==> flow/design.v <==
module u_scratch_top #(
  parameter int WORDS = 128,
  parameter int DWIDTH = 6,
  parameter int ADDR_W = $clog2(WORDS)
) (
  input logic aclk,
  input logic [ADDR_W-1:0] index,
  input logic wen,
  input logic [DWIDTH-1:0] wr_data,
  output logic [DWIDTH-1:0] q
);
  logic [DWIDTH-1:0] store [0:WORDS-1];
  always_ff @(posedge aclk)
    if (wen) store[index] <= wr_data;
  assign q = wen ? wr_data : store[index];
endmodule
==> Tool chain data of u_scratch_top <==
What the tools print for u_scratch_top, step after step.
Lines are those of the file above, counted from 1.
Cell names lack the library's common part.
{ "design": {"top": "u_scratch_top", "clock": "aclk", "cell_library": "sky130hd", "pvt_corner": "tt_025C_1v80"} }

==> Word-level counts <==
Counts by Yosys on the flattened word-level netlist (proc, flatten, opt, wreduce; memories kept). Register bits leave out memories and registers merged into their read ports (data or address); mux counts leave out enables and synchronous resets folded into registers. Print and check cells are left out. Cells with the same type and inputs are merged into one.
Memory sizes are those after Yosys's memory passes, which may raise the word count (mostly to a power of two), join words into wider ones and drop unused or constant bits.
{ "bits": {"mem_bits_ro": 0, "clocked_rd_ports_x_width": 0, "ff_bits": 0, "in_bits": 15, "output_inout_bits": 6, "word_cells": 5, "ram_bits": 768, "latch_bits": 0, "n_memories": 1} }
{ "memory_table": {"columns": ["memory", "words", "word_bits", "read_ports", "write_ports", "line", "rtl"], "rows": [
  ["store", 128, 6, 1, 1, 12, "logic [DWIDTH-1:0] store [0:WORDS-1];"]
]} }
{ "classes": {"n_mul": 0, "shift": 0, "div": 0, "reduce_and_logical": 0, "logic": 0, "muxes": 4, "n_addsub": 0, "eq_ne": 0, "compare": 0} }
{ "ops": {"columns": ["cell", "n"], "rows": [
  ["6-bit two-way mux", 2],
  ["7-bit two-way mux", 1],
  ["1-bit two-way mux", 1]
]} }

==> Logic depth <==
Longest topological path by Yosys (ltp), each cell counted once; first at word level (registers and memories cut), then after technology mapping (sequential cells cut; the memories' decode and read muxes count).
{ "logic_depth": {"word_depth": 1, "ABC_AREA": 0, "depth_mapped": 11, "mapped_depth_nobuf": 6} }

==> Mapped cells and area <==
Yosys stat after the flow's synthesis: flattened, memories mapped to cells. It holds for the ABC_AREA given above (unset counts as 0); a run with the other value may have another netlist.
Totals and module areas in this step are rounded.
{ "synth_totals": {"ffs": 768, "cell_count": 1704, "yosys_area_um2": 30400} }
{ "types": {"columns": ["cell", "n"], "rows": [
  ["edfxtp_1", 768],
  ["mux4_2", 83],
  ["mux2i_1", 59],
  ["a221oi_1", 67],
  ["mux2_2", 52],
  ["nor2_1", 147],
  ["nand2_1", 94],
  ["a22oi_1", 38],
  ["a221o_1", 28],
  ["buf_2", 53],
  ["o21ai_0", 37],
  ["a21oi_1", 34],
  ["clkbuf_1", 45],
  ["a22o_1", 14],
  ["o2bb2ai_1", 13],
  ["nor2b_1", 14],
  ["and3_1", 12],
  ["o22ai_1", 11]
]} }
Not listed: further types 43, cells in them 135.

==> Path before layout <==
OpenSTA on the mapped netlist: ideal clock, no wires. The path of least setup slack (recovery checks aside). Input and output delay are each 20% of the period. Register names are those of the netlist, which keeps one name where synthesis merged equal registers.
{ "synth_timing": {"path_kind": "in2out", "start": "in index[0]", "end": "out q[0]", "n_path_buf": 4, "arrival_ps": 2728, "path_stages": 9, "output_delay_ps": 802, "slack_ps": 480, "t_required_ps": 3208, "tclk_ps": 4010, "delay_ps": 1926, "synth_period_reached_ps": 3530} }
"delay_ps" is the arrival time less input delay plus setup time.
At an output port there is no setup time.
"path_stages" counts driving pins, that of a launching flip-flop among them; a cell with two outputs on the path counts twice.
"synth_period_reached_ps" = period - worst setup slack (recovery checks aside). The figure is calculated, with input and output delays left at 20% of the set period.
The rows between start and end are the longest chain of elaborated cells between them; the timing report does not say that the signal goes this way. Where chains are equally long, one stands for them.
A line is the first line of the expression or statement that the cell stems from. Yosys adds cells for indexed reads and writes and turns some case tables into memories.
The chain passes a memory read, where the word-level depth is cut; so it can be longer than that depth.
{ "synth_via": {"cell_sequence": "buf_2 -> buf_6 -> buf_6 -> buf_2 -> mux2_2 -> a221oi_1 -> o221ai_1 -> a2111oi_2 -> a32oi_1", "elab_chain_cells": 2, "cells_between": 2, "lines_between": 2, "classes_between": "mux (1); memory (1)"} }
{ "synth_rtl": {"columns": ["item", "line", "rtl"], "rows": [
  ["start, declared", 7, "input logic [ADDR_W-1:0] index,"],
  ["memory 128 x 6 bit", 12, "logic [DWIDTH-1:0] store [0:WORDS-1];"],
  ["6-bit two-way mux", 15, "assign q = wen ? wr_data : store[index];"],
  ["end, declared", 10, "output logic [DWIDTH-1:0] q"]
]} }

==> Timing after layout <==
Path of least setup slack in the final report of job 1 (OpenROAD, finished layout, wires in). Where an end is a register, its clock arrival counts in the times.
The report prints the path's times to 10 ps; the period is as set.
{ "layout_timing": {"path_kind": "in2out", "start": "in index[1]", "end": "out q[0]", "t_required_ps": 2950, "path_stages": 11, "n_path_buf": 5, "output_delay_ps": 740, "slack_ps": -230, "tclk_ps": 3690, "arrival_ps": 3190} }
The rows between start and end are the longest chain of elaborated cells between them; the timing report does not say that the signal goes this way. Where chains are equally long, one stands for them.
The chain passes a memory read, where the word-level depth is cut; so it can be longer than that depth.
{ "layout_via": {"cell_sequence": "buf_16 -> buf_8 -> and2_4 -> buf_6 -> a221o_1 -> a222oi_1 -> o22ai_1 -> buf_4 -> a2111oi_4 -> a32oi_4 -> buf_6", "elab_chain_cells": 2, "cells_between": 2, "lines_between": 2, "classes_between": "mux (1); memory (1)"} }
{ "layout_rtl": {"columns": ["item", "line", "rtl"], "rows": [
  ["start, declared", 7, "input logic [ADDR_W-1:0] index,"],
  ["memory 128 x 6 bit", 12, "logic [DWIDTH-1:0] store [0:WORDS-1];"],
  ["6-bit two-way mux", 15, "assign q = wen ? wr_data : store[index];"],
  ["end, declared", 10, "output logic [DWIDTH-1:0] q"]
]} }

Module u_scratch_top, platform sky130hd: 3 stored runs of the flow (Yosys, OpenROAD) with differing settings, in no particular order. Input and output delays are each 20% of the period that was set; the output load is 0.01 pF.
"timing.achieved_period_ps" means the clock period less the worst setup slack. The figure is calculated, with input and output delays left at 20% of the set period.
By "critical_path_time_ps" is meant the share of the clock period that the worst setup path is allowed (20% is reserved at inputs, 20% at outputs), minus its slack. Clock arrival times at its registers enter into it.
"power.total_mw": no workload was simulated; the value follows from the tool's default switching activity.
"critical_path_time_ps" is known to 10 ps.
The measured numbers are rounded.
[
  {
    "run": "job 1",
    "settings": { "period_ns": 3.69, "CORE_UTILIZATION": 29, "PLACE_DENSITY_LB_ADDON": 0.09, "HOLD_SLACK_MARGIN": 0.24, "GPL_TIMING_DRIVEN": 1, "GPL_ROUTABILITY_DRIVEN": 0, "CTS_CLUSTER_SIZE": 85, "CTS_CLUSTER_DIAMETER": 277, "CAP_MARGIN": 20, "CORE_MARGIN": 2, "SLEW_MARGIN": 20 },
    "results": { "post_synth_area_um2": 30400, "dieArea_um2": 107000, "cell_area_final_um2": 37600, "post_route_util_frac": 0.363, "fin_ws_ps": -233, "tns_setup_ps": -673, "holdWs_ps": 407, "power.total_mw": 14.4, "timing.achieved_period_ps": 3923, "critical_path_time_ps": 2450, "path_kind": "in2out" }
  },
  {
    "run": "job 2",
    "settings": { "period_ns": 2.53, "CORE_UTILIZATION": 36, "PLACE_DENSITY_LB_ADDON": 0.12, "HOLD_SLACK_MARGIN": 0.26, "CORE_ASPECT_RATIO": 1.22, "CELL_PAD_IN_SITES_GLOBAL_PLACEMENT": 0, "ABC_AREA": 1, "GPL_TIMING_DRIVEN": 0, "GPL_ROUTABILITY_DRIVEN": 1, "CTS_CLUSTER_SIZE": 37, "CTS_CLUSTER_DIAMETER": 166, "MAX_ROUTING_LAYER": "met5", "CAP_MARGIN": 20, "CORE_MARGIN": 2, "SLEW_MARGIN": 20 },
    "results": { "post_synth_area_um2": 32400, "dieArea_um2": 92500, "cell_area_final_um2": 37200, "post_route_util_frac": 0.417, "fin_ws_ps": -548, "tns_setup_ps": -4140, "holdWs_ps": 276, "power.total_mw": 22.1, "timing.achieved_period_ps": 3078, "critical_path_time_ps": 2570, "path_kind": "reg2out" }
  },
  {
    "run": "job 3",
    "settings": { "period_ns": 4.01, "CAP_MARGIN": 20, "CORE_MARGIN": 2, "CORE_UTILIZATION": 40, "SLEW_MARGIN": 20 },
    "results": { "post_synth_area_um2": 30400, "dieArea_um2": 78300, "cell_area_final_um2": 37400, "post_route_util_frac": 0.495, "fin_ws_ps": -33, "tns_setup_ps": -43, "holdWs_ps": 571, "power.total_mw": 17.7, "timing.achieved_period_ps": 4043, "critical_path_time_ps": 2440, "path_kind": "in2out" }
  }
]
